==> flow/design.v <==
module my_cmp_unit_stage #(
  parameter W = 12
) (
  input  logic CLK,
  input  logic rst,
  input  logic [W-1:0] lhs_in,
  input  logic [W-1:0] rhs_in,
  input  logic [W-1:0] extra_in,
  output logic between_out
);
  logic between_s;
  always_ff @(posedge CLK or posedge rst) begin
    if (rst) begin
      between_s <= 1'b0;
    end else begin
      between_s <= (lhs_in >= rhs_in) && (lhs_in <= extra_in);
    end
  end
  assign between_out = between_s;
endmodule
==> Reports on my_cmp_unit_stage <==
What the tools print for my_cmp_unit_stage, step after step.
Lines are those of the file above, counted from 1.
Operators carry their Yosys type and port widths (W data, S select, Z words).
Cell names lack the library's common part.
{ "inputs": {"design": "my_cmp_unit_stage", "clock": "CLK", "library": "sky130hd", "corner": "tt_025C_1v80"} }

==> Word level <==
Source: Yosys, flattened and elaborated, memories not mapped. Widths are those after wreduce; folded enables and synchronous resets count as part of the registers. Registers that Yosys merges into a memory's read port (data or address) are not register bits. Print and check cells do not count. Equal cells are merged and count once.
{ "word_totals": {"register_bits": 1, "in_bits": 38, "out_inout_bits": 1, "wordCells": 4} }
{ "op_classes": {"cmp": 2, "n_reduce_logical": 1} }
{ "op_table": {"columns": ["operator", "n"], "rows": [
  ["$ge A12 B12 Y1", 1],
  ["$le A12 B12 Y1", 1],
  ["$logic_and A1 B1 Y1", 1]
]} }

==> Depth <==
Yosys ltp: most cells in a row. Word level: on the elaborated netlist, between registers, memories and ports. Mapped: between sequential cells and ports; inverters and the memories' decode and read muxes count.
{ "depth": {"ltp_word": 2, "ABC_AREA": 0, "mapped_depth": 7, "ltp_nobuf": 7} }

==> Mapped cells and area <==
Source: synth_stat.txt of the flow (Yosys; design flattened, memories mapped). It holds for the ABC_AREA given above (unset counts as 0); a run with the other value may have another netlist.
{ "synth_totals": {"mapped_cells": 84, "area_um2": 619.3, "seq_area_um2": 25.0, "flip_flops": 1, "buffers": 0} }
{ "types": {"columns": ["cell_type", "n", "area_total_um2"], "rows": [
  ["ha_1", 24, 300.288],
  ["inv_1", 26, 97.594],
  ["a21oi_1", 7, 35.034],
  ["a21o_1", 4, 30.029],
  ["dfrtp_1", 1, 25.024],
  ["nand4_1", 3, 18.768],
  ["nor2_1", 4, 15.014],
  ["nand4_2", 1, 12.512],
  ["nand2_1", 3, 11.261],
  ["a221o_1", 1, 10.01],
  ["nand3_1", 2, 10.01],
  ["o21ai_0", 2, 10.01],
  ["a2bb2oi_1", 1, 8.758],
  ["a211oi_1", 1, 7.507],
  ["o211ai_1", 1, 7.507],
  ["or4_1", 1, 7.507],
  ["nand2b_1", 1, 6.256],
  ["o22ai_1", 1, 6.256]
]} }

==> Worst setup path after synthesis <==
OpenSTA on the mapped netlist: ideal clock, no wires. The path of least setup slack (recovery checks aside). Input and output delay are each 20% of the period. Register names are those of the netlist, which keeps one name where synthesis merged equal registers.
{ "synth_timing": {"path_type": "input to register", "from": "in lhs_in[0]", "to": "reg between_s", "clock_period_ns": 1.88, "in_delay_ns": 0.376, "setup_time_ns": 0.127, "t_first_pin_ns": 0.376, "t_arrival_ns": 1.451, "t_required_ns": 1.753, "slack_ns": 0.302, "delay_ns": 1.202, "stages": 7, "n_path_buf": 0, "synth_period_reached_ns": 1.578} }
"delay_ns" = arrival - input delay + setup time.
"stages" counts driving pins, that of a launching flip-flop among them; a cell with two outputs on the path counts twice.
"synth_period_reached_ns" = period - worst setup slack (recovery checks aside). The figure is calculated, with input and output delays left at 20% of the set period.
Between the ends stands the longest chain of elaborated cells between them, by number of cells; it is not shown to be the way that was timed. Of several equally long chains one is given.
A line is the first line of the expression or statement that the cell stems from. Yosys adds cells for indexed reads and writes and turns some case tables into memories.
{ "synth_via": {"cell_sequence": "inv_1 > ha_1 > nand2b_1 > a21oi_1 > o21ai_0 > a221o_1 > a2bb2oi_1", "elab_chain_len": 2, "cone_cells": 3, "cone_lines": 1, "classes_between": "compare (2); reduce/logical (1)"} }
{ "synth_rtl": {"columns": ["item", "line_no", "text"], "rows": [
  ["start: declaration", 6, "input  logic [W-1:0] lhs_in,"],
  ["$ge A12 B12 Y1", 16, "between_s <= (lhs_in >= rhs_in) && (lhs_in <= extra_in);"],
  ["$logic_and A1 B1 Y1", 16, null],
  ["end: assignment", 14, "between_s <= 1'b0;"],
  ["end: assignment", 16, null],
  ["end: declaration", 11, "logic between_s;"]
]} }

==> Timing after layout <==
From the final timing report of flow run 2: the path of least setup slack in the routed layout; clock arrival at registers is part of the times.
{ "layout_timing": {"path_type": "input to register", "from": "in lhs_in[0]", "to": "reg between_s", "clock_period_ns": 2.66, "in_delay_ns": 0.53, "setup_time_ns": 0.13, "t_first_pin_ns": 0.53, "t_arrival_ns": 2.22, "t_required_ns": 2.53, "slack_ns": 0.31, "stages": 8, "n_path_buf": 1} }
Between the ends stands the longest chain of elaborated cells between them, by number of cells; it is not shown to be the way that was timed. Of several equally long chains one is given.
{ "layout_via": {"cell_sequence": "clkdlybuf4s50_1 > inv_1 > ha_1 > nand2b_1 > a21oi_1 > o21ai_0 > a221o_1 > a2bb2oi_1", "elab_chain_len": 2, "cone_cells": 3, "cone_lines": 1, "classes_between": "compare (2); reduce/logical (1)"} }
{ "layout_rtl": {"columns": ["item", "line_no", "text"], "rows": [
  ["start: declaration", 6, "input  logic [W-1:0] lhs_in,"],
  ["$ge A12 B12 Y1", 16, "between_s <= (lhs_in >= rhs_in) && (lhs_in <= extra_in);"],
  ["$logic_and A1 B1 Y1", 16, null],
  ["end: assignment", 14, "between_s <= 1'b0;"],
  ["end: assignment", 16, null],
  ["end: declaration", 11, "logic between_s;"]
]} }

## Implementation results

Settings and measured results of 3 stored flow runs for module my_cmp_unit_stage (sky130hd), not sorted in any way. The constraints put input and output delay at 20% of the set period each and load the outputs with 0.01 pF.
"power_total_w" is the tool's figure for a default switching activity; nothing was simulated.
[
  {
    "run": "flow run 1",
    "settings": { "period_ns": 1.32, "CORE_UTILIZATION": 68, "PLACE_DENSITY_LB_ADDON": 0.08, "CORE_MARGIN": 10, "CELL_PAD_IN_SITES_GLOBAL_PLACEMENT": 1, "CELL_PAD_IN_SITES_DETAIL_PLACEMENT": 0, "ABC_AREA": 0, "GPL_TIMING_DRIVEN": 0, "SLEW_MARGIN": 30, "CAP_MARGIN": 20 },
    "outcome": "did not finish, floorplanning stopped with PDN-0185"
  },
  {
    "run": "flow run 2",
    "settings": { "period_ns": 2.66, "CORE_UTILIZATION": 21, "PLACE_DENSITY_LB_ADDON": 0.26, "CORE_ASPECT_RATIO": 0.53, "CORE_MARGIN": 8, "CELL_PAD_IN_SITES_GLOBAL_PLACEMENT": 0, "TNS_END_PERCENT": 5, "GPL_TIMING_DRIVEN": 0, "GPL_ROUTABILITY_DRIVEN": 0, "CTS_CLUSTER_SIZE": 32, "SLEW_MARGIN": 40, "CAP_MARGIN": 20 },
    "results": { "synthArea_um2": 619.3, "die_area_um2": 5031.2, "stdcell_area_um2": 1049.8, "final_setup_ws_ns": 0.305, "final_setup_tns_ns": 0.000, "power_total_w": 0.0001587 }
  },
  {
    "run": "flow run 3",
    "settings": { "period_ns": 1.88, "CAP_MARGIN": 20, "CORE_MARGIN": 2, "CORE_UTILIZATION": 40, "SLEW_MARGIN": 20 },
    "results": { "synthArea_um2": 619.3, "die_area_um2": 1879.2, "stdcell_area_um2": 1346.3, "final_setup_ws_ns": -0.038, "final_setup_tns_ns": -0.038, "power_total_w": 0.000331 }
  }
]
